==> flow/design.v <==
module gen_reg_file_mod #(
    parameter NWORDS = 48,
    parameter DATA_W = 16,
    parameter RPORTS = 1,
    parameter ADDR_WIDTH = $clog2(NWORDS)
) (
    input wire clock,
    input wire rst_n,
    input wire we,
    input wire [ADDR_WIDTH-1:0] wr_addr,
    input wire [DATA_W-1:0] wr_data,
    input wire [RPORTS*ADDR_WIDTH-1:0] rd_addr,
    output reg [RPORTS*DATA_W-1:0] q
);
    reg [DATA_W-1:0] bank [0:NWORDS-1];
    always @(posedge clock) begin
        if (we)
            bank[wr_addr] <= wr_data;
    end
    wire [RPORTS*DATA_W-1:0] tmp;
    genvar gj;
    generate
        for (gj = 0; gj < RPORTS; gj = gj + 1) begin : gen
            assign tmp[gj*DATA_W +: DATA_W] = bank[rd_addr[gj*ADDR_WIDTH +: ADDR_WIDTH]];
        end
    endgenerate
    always @(posedge clock or negedge rst_n) begin
        if (!rst_n) begin
            q <= 0;
        end else begin
            q <= tmp;
        end
    end
endmodule
* Reports on gen_reg_file_mod
The steps from the RTL of gen_reg_file_mod to its reports follow in flow order. Line numbers count from 1 in the design file above. Not given: n/a
Set-up: top module gen_reg_file_mod, clock port clock, standard-cell library sky130hd, corner tt_025C_1v80

* Word-level counts
Yosys after proc, flatten, opt, wreduce and memory -nomap, before mapping. Enables and synchronous resets that opt folds into registers are not counted as muxes. Memory bits, and registers merged into a memory's read port (data or address), are not among the register bits. Print and check cells are not counted. Equal cells are merged and count once. Memory sizes are those after Yosys's memory passes, which may raise the word count (mostly to a power of two), join words into wider ones and drop unused or constant bits.
Bit counts: bits in writable memories 768, flip-flop bits (word level) 0, word-level cells 5, bits of input ports 31, output and inout port bits 16, clocked read ports x word width 16, memory cells 1
Cells by class: muxes and demuxes 3, reductions and logical operators 1
Memory list:
- bank | words 48, bits a word 16, read ports 1, wr ports 1, RTL line 15 | reg [DATA_W-1:0] bank [0:NWORDS-1];
Operators by type and width (number):
- 16-bit two-way mux | 1
- 6-bit two-way mux | 1
- 1-bit logical NOT | 1
- 1-bit two-way mux | 1

* Longest topological paths
Depth = most cells in a row (Yosys ltp): at word level without a register or memory, in the mapped netlist without a sequential cell, where the memories' decode and read muxes count.
Logic depth: word-level depth 1, ABC_AREA 0, depth in mapped cells 9, gate-level depth less buffers 5

* After synthesis
Source: synth_stat.txt of the flow (Yosys; design flattened, memories mapped). It holds for the ABC_AREA given above (unset counts as 0); a run with the other value may have another netlist.
Mapped netlist: cells in the netlist 1496, flip-flops 784, cell area after synthesis 30357.9 µm², buffers 88, area of sequential cells 23462.5 µm²
Cell types:
- sky130_fd_sc_hd__edfxtp_1 | number 768, area in all 2.31E+04 µm²
- sky130_fd_sc_hd__mux2i_1 | number 256, area in all 2.56E+03 µm²
- sky130_fd_sc_hd__mux4_2 | number 80, area in all 1.8E+03 µm²
- sky130_fd_sc_hd__a22oi_1 | number 64, area in all 480.461 µm²
- sky130_fd_sc_hd__dfrtp_1 | number 16, area in all 400.384 µm²
- sky130_fd_sc_hd__a221oi_1 | number 32, area in all 280.269 µm²
- sky130_fd_sc_hd__a22o_1 | number 32, area in all 280.269 µm²
- sky130_fd_sc_hd__o41ai_2 | number 16, area in all 260.25 µm²
- sky130_fd_sc_hd__buf_6 | number 19, area in all 213.955 µm²
- sky130_fd_sc_hd__nor2_1 | number 48, area in all 180.173 µm²
- sky130_fd_sc_hd__a21oi_1 | number 32, area in all 160.154 µm²
- sky130_fd_sc_hd__buf_4 | number 15, area in all 112.608 µm²
- sky130_fd_sc_hd__o22ai_1 | number 16, area in all 100.096 µm²
- sky130_fd_sc_hd__clkbuf_1 | number 25, area in all 93.84 µm²
- sky130_fd_sc_hd__nand2_1 | number 23, area in all 86.333 µm²
- sky130_fd_sc_hd__buf_2 | number 13, area in all 65.062 µm²
- sky130_fd_sc_hd__buf_1 | number 16, area in all 60.058 µm²
- sky130_fd_sc_hd__nand2b_1 | number 5, area in all 31.28 µm²
Other cell types: 11; their cells: 20.

* Timing after synthesis
Source: OpenSTA report_checks on the synthesized netlist (no wires, ideal clock, input and output delay 20% of the period each), path of least setup slack; recovery checks are left aside. Register names are those of the netlist, which keeps one name where synthesis merged equal registers.
Path after synthesis: path kind in2reg, start in wr_addr[3], end mem bank[32][0], arrival time 2.253 ns, input delay 0.634 ns, buffers on the path 0, slack 0.508 ns, path delay 2.028 ns, time at the first pin 0.634 ns, library setup time 0.409 ns, stages on the path 3, required time 2.761 ns, clock period 3.17 ns, synthesis period reached 2.662 ns
"path delay" = arrival - input delay + setup time. "stages on the path" counts driving pins, that of a launching flip-flop among them; a cell with two outputs on the path counts twice. "synthesis period reached" = period - worst setup slack (recovery checks aside). The figure is calculated, with input and output delays left at 20% of the set period. The rows between start and end are the longest chain of elaborated cells between them; the timing report does not say that the signal goes this way. Where chains are equally long, one stands for them. A line is the first line of the expression or statement that the cell stems from. Yosys adds cells for indexed reads and writes and turns some case tables into memories.
On the way, after synthesis: cell sequence sky130_fd_sc_hd__nor4bb_1 -> sky130_fd_sc_hd__nand2b_1 -> sky130_fd_sc_hd__nor3_1, length of the longest elaborated chain 1, elaborated cells between the ends (all ways) 1, RTL lines with such cells 1, those cells by class mux (1)
RTL lines, path after synthesis:
- start: declaration | RTL line 10 | input wire [ADDR_WIDTH-1:0] wr_addr,
- 6-bit two-way mux | RTL line 17 | if (we)
- end: declaration | RTL line 15 | reg [DATA_W-1:0] bank [0:NWORDS-1];

* Path in the finished layout
From the final timing report of flow run 1: the path of least setup slack in the routed layout; clock arrival at registers is part of the times.
Path post-layout: path kind in2reg, start in rd_addr[3], end reg q[11], slack -0.24 ns, library setup time 0.14 ns, input delay 0.34 ns, arrival time 2.41 ns, stages on the path 7, buffers on the path 4, time at the first pin 0.34 ns, clock period 1.71 ns, required time 2.18 ns
On the way, post-layout: cell sequence sky130_fd_sc_hd__clkdlybuf4s50_1 -> sky130_fd_sc_hd__buf_4 -> sky130_fd_sc_hd__or2_0 -> sky130_fd_sc_hd__buf_2 -> sky130_fd_sc_hd__buf_4 -> sky130_fd_sc_hd__a21oi_1 -> sky130_fd_sc_hd__o41ai_2
RTL lines, path post-layout:
- start: declaration | RTL line 12 | input wire [RPORTS*ADDR_WIDTH-1:0] rd_addr,
- end: declaration | RTL line 13 | output reg [RPORTS*DATA_W-1:0] q
Chain of elaborated cells between the ends: none given.

FLOW RESULTS
============

Module gen_reg_file_mod, platform sky130hd: 3 stored runs of the flow (Yosys, OpenROAD) with differing settings, in no particular order. Input and output delays are each 20% of the period that was set; the output load is 0.01 pF.
"achieved clock period" means the clock period less the worst setup slack. The figure is calculated, with input and output delays left at 20% of the set period.
"worst setup path time" is the time allowed to the run's worst setup path (the clock period less input and output delay, where it has them) less its slack. Clock arrival times count: a late capture clock shortens it, a late launch clock lengthens it.
"power" rests on the timing tool's default activity at the inputs, not on a simulated workload.
[flow run 1] settings: period_ns=1.71, CORE_UTILIZATION=48, SETUP_SLACK_MARGIN=0.07, CORE_MARGIN=5, TNS_END_PERCENT=30, GPL_TIMING_DRIVEN=0, GPL_ROUTABILITY_DRIVEN=0, CTS_CLUSTER_SIZE=39, MIN_ROUTING_LAYER=met1, CAP_MARGIN=20, SLEW_MARGIN=20
[flow run 1] result: chip area after synthesis (Yosys) 30357.9 µm², die area 68374.4 µm², standard-cell area of the final layout 37105.6 µm², worst setup slack after layout -0.235 ns, power 0.041002 W, achieved clock period 1.945 ns, worst setup path time 1.60 ns, worst setup path kind in2reg
[flow run 2] settings: period_ns=3.17, CAP_MARGIN=20, CORE_MARGIN=2, CORE_UTILIZATION=40, SLEW_MARGIN=20
[flow run 2] result: chip area after synthesis (Yosys) 30357.9 µm², die area 78114.7 µm², standard-cell area of the final layout 35088.7 µm², worst setup slack after layout 0.711 ns, power 0.021405 W, achieved clock period 2.459 ns, worst setup path time 1.82 ns, worst setup path kind in2reg
[flow run 3] settings: period_ns=3.15, CORE_UTILIZATION=58, CORE_MARGIN=5, CELL_PAD_IN_SITES_DETAIL_PLACEMENT=1, TNS_END_PERCENT=15, GPL_TIMING_DRIVEN=0, CTS_CLUSTER_SIZE=38, CTS_CLUSTER_DIAMETER=252, SLEW_MARGIN=20, MIN_ROUTING_LAYER=met2, CAP_MARGIN=20
[flow run 3] result: chip area after synthesis (Yosys) 30357.9 µm², die area 57015.9 µm², standard-cell area of the final layout 33333.2 µm², worst setup slack after layout -0.234 ns, power 0.017525 W, achieved clock period 3.384 ns, worst setup path time 2.75 ns, worst setup path kind in2reg
